==> flow/design.v <==
module gen_summer_p (core_clk, clr, arg0, arg1, arg2, q);
  parameter integer NBITS = 64;
  input core_clk;
  input clr;
  input [NBITS-1:0] arg0;
  input [NBITS-1:0] arg1;
  input [NBITS-1:0] arg2;
  output [NBITS+1:0] q;
  reg [NBITS-1:0] arg0_s;
  reg [NBITS-1:0] arg1_s;
  reg [NBITS-1:0] arg2_s;
  always @(posedge core_clk or posedge clr) begin
    if (clr) begin
      arg0_s <= 0;
      arg1_s <= 0;
      arg2_s <= 0;
    end else begin
      arg0_s <= arg0;
      arg1_s <= arg1;
      arg2_s <= arg2;
    end
  end
  assign q = arg0_s + arg1_s + arg2_s;
endmodule
; ---- Step by step through the tools: gen_summer_p
; The steps from the RTL of gen_summer_p to its reports follow in flow order.
; Lines are those of the file above, counted from 1.
; Operators carry their Yosys type and port widths (W data, S select, Z words).
; Cell names lack the library's common part.
; A cell with - has no value.
[setup]
top = gen_summer_p
clk_port = core_clk
library = sky130hd
corner = tt_025C_1v80

; ---- Word level
; Yosys after proc, flatten, opt, wreduce and memory -nomap, before mapping. Enables and synchronous resets that opt folds into registers are not counted as muxes. Memory bits, and registers merged into a memory's read port (data or address), are not among the register bits. Print and check cells are not counted. Equal cells are merged and count once.
[op_classes]
addsub = 2
mul = 0
div = 0
n_cmp = 0
n_eq = 0
n_shift = 0
n_mux = 0
bitwise = 0
n_reduce_logical = 0
[ops]
columns = cell, count
row1 = $add A65 B64 Y66, 1
row2 = $add A64 B64 Y65, 1
[bits]
regBits = 192
latchBits = 0
ram_bits = 0
rom_bits = 0
clocked_rd_ports_x_width = 0
n_memories = 0
inputBits = 194
word_cells = 5

; ---- Longest topological paths
; Yosys ltp: most cells in a row. Word level: on the elaborated netlist, between registers, memories and ports. Mapped: between sequential cells and ports; inverters and the memories' decode and read muxes count.
[logic_depth]
ltp_word = 2
abc_area = 0
mapped_depth = 14

; ---- Netlist
; The flow's flattened synthesis, as Yosys stat reports it; memories are mapped. The netlist is that of the ABC_AREA named above (0 if unset); the other value can give another one.
; Totals and module areas in this step are rounded.
[by_type]
columns = type, count, area_total_um2
row1 = dfrtp_1, 192, 4.8E+03
row2 = fa_1, 65, 1.3E+03
row3 = ha_1, 63, 788.256
row4 = a21oi_1, 86, 430.413
row5 = xnor2_1, 38, 332.819
row6 = o21ai_0, 43, 215.206
row7 = nand2_1, 53, 198.941
row8 = xor2_1, 22, 192.685
row9 = a21o_1, 25, 187.68
row10 = nand4_1, 21, 131.376
row11 = nor2_1, 32, 120.115
row12 = inv_1, 24, 90.086
row13 = o21bai_1, 11, 82.579
row14 = a31oi_1, 10, 62.56
row15 = nor3_1, 12, 60.058
row16 = and3_1, 9, 56.304
row17 = nand3_1, 11, 55.053
row18 = a2111oi_0, 6, 52.55
; Not listed: further types 36, cells in them 85.
[mapped]
cell_count = 808
synth_area_um2 = 9800
ff_cells = 192
buffers = 20

; ---- Worst setup path after synthesis
; Path of least setup slack by OpenSTA after synthesis, without wires, with an ideal clock, recovery checks aside; 20% of the period is set as input and as output delay. Where synthesis merged equal registers, the netlist keeps one of their names.
[synth_path]
kind = register to output
startpoint = reg arg0_s[1]
endpoint = out q[61]
period_ns = 5.42
output_delay_ns = 1.084
arrival_ns = 3.472
required_time_ns = 4.336
setup_slack_ns = 0.864
path_delay_ns = 3.472
path_stages = 13
n_path_buf = 0
synth_period_reached_ns = 4.556
; "path_delay_ns" = arrival - input delay + setup time.
; A path that ends at an output port has no setup time.
; "path_stages": output pins that drive a net of the path, with the launching flip-flop's if there is one; two outputs of one cell count as two.
; "synth_period_reached_ns" is the clock period less the worst setup slack; recovery checks do not enter. This is arithmetic on one report: input and output delays are still those of the set period (20% each).
; The rows between start and end are the longest chain of elaborated cells between them; the timing report does not say that the signal goes this way. Where chains are equally long, one stands for them.
; A line is the first line of the expression or statement that the cell stems from. Yosys adds cells for indexed reads and writes and turns some case tables into memories.
[synth_between]
cell_sequence = dfrtp_1 fa_1 ha_1 fa_1 a21o_1 a221o_2 o211ai_2 o21ai_2 a31oi_4 o21ai_2 a31o_4 or4_1 and3_1
elab_chain_cells = 2
[synth_lines]
columns = item, line
row1 = start: declaration, 9  ; reg [NBITS-1:0] arg0_s;
row2 = start: assignment, 14  ; arg0_s <= 0;
row3 = start: assignment, 18  ; arg0_s <= arg0;
row4 = $add A64 B64 Y65, 23  ; assign q = arg0_s + arg1_s + arg2_s;
row5 = $add A65 B64 Y66, 23
row6 = end: declaration, 8  ; output [NBITS+1:0] q;

; ---- Worst path after layout
; From the final timing report of flow run B: the path of least setup slack in the routed layout; clock arrival at registers is part of the times.
[layout_path]
kind = register to output
startpoint = reg arg0_s[5]
endpoint = out q[63]
period_ns = 5.42
output_delay_ns = 1.08
arrival_ns = 4.30
required_time_ns = 4.34
setup_slack_ns = 0.03
path_stages = 13
n_path_buf = 2
; The rows between start and end are the longest chain of elaborated cells between them; the timing report does not say that the signal goes this way. Where chains are equally long, one stands for them.
[layout_between]
cell_sequence = dfrtp_1 fa_1 ha_2 a21o_1 a221o_2 o211ai_4 buf_4 a211oi_2 a41o_2 a21boi_4 o41ai_2 xor2_1 clkdlybuf4s50_1
elab_chain_cells = 2
[layout_lines]
columns = item, line
row1 = start: declaration, 9  ; reg [NBITS-1:0] arg0_s;
row2 = start: assignment, 14  ; arg0_s <= 0;
row3 = start: assignment, 18  ; arg0_s <= arg0;
row4 = $add A64 B64 Y65, 23  ; assign q = arg0_s + arg1_s + arg2_s;
row5 = $add A65 B64 Y66, 23
row6 = end: declaration, 8  ; output [NBITS+1:0] q;

; Settings and measured results of 3 stored flow runs for module gen_summer_p (sky130hd), not sorted in any way. The constraints put input and output delay at 20% of the set period each and load the outputs with 0.01 pF.
; By "achieved_period_ns" is meant the clock period of the run minus its worst setup slack. This is arithmetic on one report: input and output delays are still those of the set period (20% each).
; "critical_path_time_ns" is the time allowed to the run's worst setup path (the clock period less input and output delay, where it has them) less its slack. Clock arrival times count: a late capture clock shortens it, a late launch clock lengthens it.
; "total_power_uw" is the tool's figure for a default switching activity; nothing was simulated.
; Values from the reports are rounded here.

[flow run A: settings]
period_ns = 5.14
CORE_UTILIZATION = 70
SETUP_SLACK_MARGIN = 1.31
PLACE_DENSITY = 0.48
TNS_END_PERCENT = 20
ABC_AREA = 1
GPL_TIMING_DRIVEN = 1
CTS_CLUSTER_SIZE = 80
CTS_CLUSTER_DIAMETER = 235
CAP_MARGIN = 5
CORE_MARGIN = 2
SLEW_MARGIN = 20
[flow run A: results]
outcome = unfinished; error DPL-0038 in clock tree synthesis

[flow run B: settings]
period_ns = 5.42
CAP_MARGIN = 20
CORE_MARGIN = 2
CORE_UTILIZATION = 40
SLEW_MARGIN = 20
[flow run B: results]
hold_worst_slack_ns = 1.1
design_die_area_um2 = 26000
total_power_uw = 4900
setup_worst_slack_ns = 0.032
post_route_stdcell_area_um2 = 14000
post_route_util_pct = 56
setup_tns_ns = 0.000
yosys_chip_area_um2 = 9800
achieved_period_ns = 5.388
critical_path_time_ns = 4.30
worst_setup_path_type = register to output

[flow run C: settings]
period_ns = 5.42
CORE_UTILIZATION = 70
SETUP_SLACK_MARGIN = -0.29
PLACE_DENSITY_LB_ADDON = 0.24
CORE_MARGIN = 6
ABC_AREA = 0
SLEW_MARGIN = 0
MIN_ROUTING_LAYER = met2
CAP_MARGIN = 20
[flow run C: results]
outcome = unfinished; error DPL-0033 in clock tree synthesis
